==> flow/design.v <==
module ex_sel_unit_n (aclk, RSTN, in, idx, res);
  parameter BITS = 12;
  parameter LANES = 10;
  input aclk;
  input RSTN;
  input [LANES*BITS-1:0] in;
  input [LANES-1:0] idx;
  output reg [BITS-1:0] res;
  reg [BITS-1:0] r;
  integer t;
  always @* begin
    r = 0;
    for (t = 0; t < LANES; t = t + 1)
      r = r | (in[t*BITS +: BITS] & {BITS{idx[t]}});
  end
  always @(posedge aclk) begin
    if (~RSTN) begin
      res <= 0;
    end else begin
      res <= r;
    end
  end
endmodule
Tool chain data of ex_sel_unit_n
Tool output for the design above, in the order of the flow.
Line numbers count from 1 in the design file above.
Library cell names are shortened.
{"block": "setup", "top": "ex_sel_unit_n", "clock_port": "aclk", "lib": "sky130hd", "lib_corner": "tt_025C_1v80"}

Word level
Counts by Yosys on the flattened word-level netlist (proc, flatten, opt, wreduce; memories kept). Register bits leave out memories and registers merged into their read ports (data or address); mux counts leave out enables and synchronous resets folded into registers. Print and check cells are left out. Cells with the same type and inputs are merged into one.
{"block": "op_classes", "add_sub_neg": 0, "div": 0, "n_cmp": 0, "n_mul": 0, "n_mux": 0, "equal": 0, "reduce_logical": 0, "n_shift": 0, "logic": 19}
{"block": "ops", "op": "bitwise AND 12 bit", "n": 10}
{"block": "ops", "op": "bitwise OR 12 bit", "n": 9}
{"block": "word_totals", "mem_bits_ro": 0, "clocked_rd_ports_x_width": 0, "wordCells": 20, "latch_bits": 0, "ff_bits": 12, "out_inout_bits": 12, "mem_bits_rw": 0, "n_memories": 0}

Logic depth
Depth = most cells in a row (Yosys ltp): at word level without a register or memory, in the mapped netlist without a sequential cell, where the memories' decode and read muxes count.
{"block": "depth", "ltp_word": 10, "abc_area": 1, "depth_mapped": 7, "mapped_depth_nobuf": 6}

Netlist
Yosys stat after the flow's synthesis: flattened, memories mapped to cells. It holds for the ABC_AREA given above (unset counts as 0); a run with the other value may have another netlist.
{"block": "synth_totals", "flip_flops": 12, "stdcells": 275, "area_um2": 1310.0, "seq_area_um2": 240.2}
{"block": "types", "cell": "nand2_1", "n": 192}
{"block": "types", "cell": "dfxtp_1", "n": 12}
{"block": "types", "cell": "inv_1", "n": 24}
{"block": "types", "cell": "nor2_1", "n": 24}
{"block": "types", "cell": "buf_6", "n": 7}
{"block": "types", "cell": "nand3_1", "n": 12}
{"block": "types", "cell": "buf_4", "n": 4}

Worst setup path after synthesis
Source: OpenSTA report_checks on the synthesized netlist (no wires, ideal clock, input and output delay 20% of the period each), path of least setup slack; recovery checks are left aside. Register names are those of the netlist, which keeps one name where synthesis merged equal registers.
{"block": "synth_timing", "path_kind": "input port to flip-flop", "startpoint": "in idx[4]", "endpoint": "reg res[0]", "required_time_ns": 1.031, "n_path_buf": 1, "path_slack_ns": 0.357, "delay_ns": 0.555, "clock_period_ns": 1.14, "path_stages": 7, "t_arrival_ns": 0.674, "period_less_setup_slack_ns": 0.783}
"delay_ns" is the arrival time less input delay plus setup time.
"path_stages": output pins that drive a net of the path, with the launching flip-flop's if there is one; two outputs of one cell count as two.
"period_less_setup_slack_ns" is the clock period less the worst setup slack; recovery checks do not enter. This is arithmetic on one report: input and output delays are still those of the set period (20% each).
Between the ends stands the longest chain of elaborated cells between them, by number of cells; it is not shown to be the way that was timed. Of several equally long chains one is given.
Each line given opens the expression or statement behind the cell; cells for indexed reads and writes are added by Yosys, which also makes memories of some case tables.
{"block": "synth_between", "cell_sequence": "buf_4 -> nand2_1 -> nand2_1 -> nor2_1 -> nand3_1 -> nand2_1 -> inv_1", "elab_chain_cells": 7}
{"block": "synth_lines", "item": "from (decl)", "line": 7, "text": "input [LANES-1:0] idx;"}
{"block": "synth_lines", "item": "bitwise AND 12 bit", "line": 14, "text": "r = r | (in[t*BITS +: BITS] & {BITS{idx[t]}});"}
{"block": "synth_lines", "item": "bitwise OR 12 bit (6 in a row)", "line": 14}
{"block": "synth_lines", "item": "to (assign)", "line": 18, "text": "res <= 0;"}
{"block": "synth_lines", "item": "to (assign)", "line": 20, "text": "res <= r;"}
{"block": "synth_lines", "item": "to (decl)", "line": 8, "text": "output reg [BITS-1:0] res;"}

Worst path after layout
Path of least setup slack in the final report of run A (OpenROAD, finished layout, wires in). Where an end is a register, its clock arrival counts in the times.
{"block": "layout_timing", "path_kind": "flip-flop to output port", "startpoint": "reg res[6]", "endpoint": "out res[6]", "path_slack_ns": -0.19, "t_arrival_ns": 0.68, "clock_period_ns": 0.623, "n_path_buf": 1, "required_time_ns": 0.50, "path_stages": 2}
{"block": "layout_between", "cell_sequence": "dfxtp_2 -> buf_6", "elab_chain_cells": 0}
{"block": "layout_lines", "item": "from (decl)", "line": 8, "text": "output reg [BITS-1:0] res;"}
{"block": "layout_lines", "item": "from (assign)", "line": 18, "text": "res <= 0;"}
{"block": "layout_lines", "item": "from (assign)", "line": 20, "text": "res <= r;"}
{"block": "layout_lines", "item": "to (decl)", "line": 8}

Add stored flow runs of ex_sel_unit_n

Measured data: module ex_sel_unit_n, platform sky130hd, 3 stored runs of the flow under differing settings, order arbitrary. Input and output delays are each 20% of the period that was set; the output load is 0.01 pF.
"achievedPeriod_ns" means the clock period less the worst setup slack. The figure is calculated, with input and output delays left at 20% of the set period.
By "worst_path_ns" is meant the share of the clock period that the worst setup path is allowed (20% is reserved at inputs, 20% at outputs), minus its slack. Clock arrival times at its registers enter into it.
"design_power_w" rests on the timing tool's default activity at the inputs, not on a simulated workload.

{"run": "run A", "settings": { "period_ns": 0.623, "CORE_UTILIZATION": 32, "PLACE_DENSITY": 0.67, "ABC_AREA": 1, "GPL_TIMING_DRIVEN": 0, "GPL_ROUTABILITY_DRIVEN": 0, "CTS_CLUSTER_SIZE": 73, "CTS_CLUSTER_DIAMETER": 54, "MIN_ROUTING_LAYER": "met2", "CAP_MARGIN": 20, "CORE_MARGIN": 2, "SLEW_MARGIN": 20 }, "results": { "post_synth_area_um2": 1310.0, "ws_setup_ns": -0.186, "achievedPeriod_ns": 0.809, "finalCellArea_um2": 3412.0, "worst_path_ns": 0.68, "path_kind": "flip-flop to output port", "design_power_w": 0.00375, "dieArea_um2": 4621.3 }}
{"run": "run B", "settings": { "period_ns": 0.588, "CORE_UTILIZATION": 50, "SETUP_SLACK_MARGIN": 0.03, "PLACE_DENSITY_LB_ADDON": 0.09, "GPL_TIMING_DRIVEN": 0, "CTS_CLUSTER_SIZE": 23, "CTS_CLUSTER_DIAMETER": 170, "CAP_MARGIN": 20, "CORE_MARGIN": 2, "SLEW_MARGIN": 20 }, "outcome": "no final report: placement broke off with FLW-0024"}
{"run": "run C", "settings": { "period_ns": 1.14, "CAP_MARGIN": 20, "CORE_MARGIN": 2, "CORE_UTILIZATION": 40, "SLEW_MARGIN": 20 }, "outcome": "no final report: placement broke off with GPL-0301"}
